==> flow/design.v <==
module sync_cmp_top #(
    parameter DATA_WIDTH = 128
) (
    input aclk,
    input [DATA_WIDTH-1:0] i_first,
    input [DATA_WIDTH-1:0] i_second,
    output reg o_equal
);
    reg [DATA_WIDTH-1:0] r_first;
    reg [DATA_WIDTH-1:0] r_second;
    reg [DATA_WIDTH-1:0] r_t;
    always @(posedge aclk) begin
        r_first <= i_first;
        r_second <= i_second;
        r_t <= r_first ^ r_second;
        o_equal <= (r_t == 0);
    end
endmodule
### From RTL to reports: sync_cmp_top

The steps from the RTL of sync_cmp_top to its reports follow in flow order.
Lines are those of the file above, counted from 1.
Cell names lack the library's common part.
The mark n/a stands for no value.

| inputs | value |
|---|---|
| design top | sync_cmp_top |
| clock | aclk |
| cell library | sky130hd |
| corner | tt_025C_1v80 |

### After elaboration

Yosys after proc, flatten, opt, wreduce and memory -nomap, before mapping. Enables and synchronous resets that opt folds into registers are not counted as muxes. Memory bits, and registers merged into a memory's read port (data or address), are not among the register bits. Print and check cells are not counted. Equal cells are merged and count once.

| storage and ports | value |
|---|---|
| register bits | 385 |
| latch bits | 0 |
| memory bits (writable) | 0 |
| bits in read-only memories | 0 |
| word width x clocked read ports | 0 |
| memory cells | 0 |
| bits of input ports | 257 |
| output and inout bits | 1 |
| word-level cells | 6 |

| operators by class | value |
|---|---|
| add/sub/neg operators | 0 |
| multiply operators | 0 |
| div/mod/pow operators | 0 |
| order comparisons | 0 |
| equality and inequality tests | 0 |
| shift-type cells | 0 |
| muxes and demuxes | 0 |
| bitwise gates (word level) | 1 |
| reductions and logical operators | 1 |

Operator list:

| operator | count |
|---|---|
| bitwise XOR 128 bit | 1 |
| logical NOT 128 bit | 1 |

### Logic depth

Longest topological path by Yosys (ltp), each cell counted once; first at word level (registers and memories cut), then after technology mapping (sequential cells cut; the memories' decode and read muxes count).

| logic depth | value |
|---|---|
| depth after elaboration | 1 |
| ABC_AREA | 0 |
| gate-level depth with buffers | 4 |
| depth with buffers taken out | 4 |

### After synthesis

Yosys stat after the flow's synthesis: flattened, memories mapped to cells. It holds for the ABC_AREA given above (unset counts as 0); a run with the other value may have another netlist.

Cell types:

| cell | count | area in all (µm²) |
|---|---|---|
| dfxtp_1 | 385 | 7.71E+03 |
| xor2_1 | 128 | 1.12E+03 |
| nor4_1 | 31 | 193.936 |
| nand4_1 | 8 | 50.048 |
| or4_1 | 2 | 15.014 |
| nor4_2 | 1 | 12.512 |
| nor2_1 | 1 | 3.754 |

| mapped netlist | value |
|---|---|
| standard cells after synthesis | 556 |
| mapped area | 9103.7 µm² |
| area of sequential cells | 7707.4 µm² |
| mapped flip-flops | 385 |

### Worst setup path after synthesis

Path of least setup slack by OpenSTA after synthesis, without wires, with an ideal clock, recovery checks aside; 20% of the period is set as input and as output delay. Where synthesis merged equal registers, the netlist keeps one of their names.

| timing path after synthesis | value |
|---|---|
| path type | register to register |
| start | register r_t[64] |
| end | register o_equal |
| period | 1.61 ns |
| setup time | 0.065 ns |
| arrival | 1.226 ns |
| required time | 1.545 ns |
| path slack | 0.320 ns |
| path delay | 1.291 ns |
| driving pins on the path | 5 |
| path buffers | 0 |
| synthesis period reached | 1.29 ns |

"path delay" = arrival - input delay + setup time.
"driving pins on the path": output pins that drive a net of the path, with the launching flip-flop's if there is one; two outputs of one cell count as two.
"synthesis period reached" is the clock period less the worst setup slack; recovery checks do not enter. This is arithmetic on one report: input and output delays are still those of the set period (20% each).
The rows between start and end are the longest chain of elaborated cells between them; the timing report does not say that the signal goes this way. Where chains are equally long, one stands for them.
A line is the first line of the expression or statement that the cell stems from. Yosys adds cells for indexed reads and writes and turns some case tables into memories.

| on the way, after synthesis | value |
|---|---|
| path through | dfxtp_1 nor4_1 nand4_1 or4_1 nor2_1 |
| length of the longest elaborated chain | 1 |
| elaborated cells between the ends (all ways) | 1 |
| those cells by class | reduce/logical: 1 |

Ends and longest elaborated chain, after synthesis:

| item | line | text |
|---|---|---|
| start, declared | 11 | `reg [DATA_WIDTH-1:0] r_t;` |
| start, assigned | 15 | `r_t <= r_first ^ r_second;` |
| logical NOT 128 bit | 16 | `o_equal <= (r_t == 0);` |
| end, assigned | 16 |  |
| end, declared | 7 | `output reg o_equal` |

### Timing after layout

Path of least setup slack in the final report of job 1 (OpenROAD, finished layout, wires in). Where an end is a register, its clock arrival counts in the times.

| timing path after layout | value |
|---|---|
| path type | register to register |
| start | register r_t[76] |
| end | register o_equal |
| period | 1.61 ns |
| setup time | 0.06 ns |
| arrival | 1.99 ns |
| required time | 2.06 ns |
| path slack | 0.07 ns |
| driving pins on the path | 5 |
| path buffers | 0 |

The rows between start and end are the longest chain of elaborated cells between them; the timing report does not say that the signal goes this way. Where chains are equally long, one stands for them.

| on the way, after layout | value |
|---|---|
| path through | dfxtp_1 nor4_2 nand4_1 or4_4 nor2_2 |
| length of the longest elaborated chain | 1 |
| elaborated cells between the ends (all ways) | 1 |
| those cells by class | reduce/logical: 1 |

Ends and longest elaborated chain, after layout:

| item | line | text |
|---|---|---|
| start, declared | 11 | `reg [DATA_WIDTH-1:0] r_t;` |
| start, assigned | 15 | `r_t <= r_first ^ r_second;` |
| logical NOT 128 bit | 16 | `o_equal <= (r_t == 0);` |
| end, assigned | 16 |  |
| end, declared | 7 | `output reg o_equal` |

==> results <==
Record of 3 stored runs of the RTL-to-layout flow on sync_cmp_top, platform sky130hd. The runs are unordered. Constraints: input delay and output delay 20% of the set period each, output load 0.01 pF.
"achieved period" is the run's clock period less its worst setup slack. It is reckoned from that one timing run; input and output delays stay at 20% of the period that was set.
Settings: -- = not set for that run.
Among the results, -- means that no value is shown for the run.

| run | period_ns | CAP_MARGIN | CORE_MARGIN | CORE_UTILIZATION | SLEW_MARGIN | SETUP_SLACK_MARGIN | PLACE_DENSITY_LB_ADDON | CORE_ASPECT_RATIO | GPL_ROUTABILITY_DRIVEN | MIN_ROUTING_LAYER | TNS_END_PERCENT | GPL_TIMING_DRIVEN | MAX_ROUTING_LAYER | standard-cell area after layout (µm²) | setup slack of the worst path (ns) | achieved period (ns) | die size (µm²) | sum of negative setup slack (ns) | post-synthesis cell area (µm²) |
|---|---|---|---|---|---|---|---|---|---|---|---|---|---|---|---|---|---|---|---|
| job 1 | 1.61 | 20 | 2 | 40 | 20 | -- | -- | -- | -- | -- | -- | -- | -- | 13437.9 | 0.067 | 1.543 | 23981.6 | 0.000 | 9103.7 |
| job 2 | 1.05 | 0 | 9 | 55 | 20 | 0.01 | 0.02 | 0.91 | 1 | met2 | -- | -- | -- | 13181.4 | -0.481 | 1.531 | 21512.7 | -0.577 | 9103.7 |
| job 3 | 2.13 | 20 | 2 | 70 | 20 | -- | 0.09 | -- | 0 | -- | 85 | 1 | met5 | -- | -- | -- | -- | -- | -- |

Job 3: no results, placement failed with DPL-0033
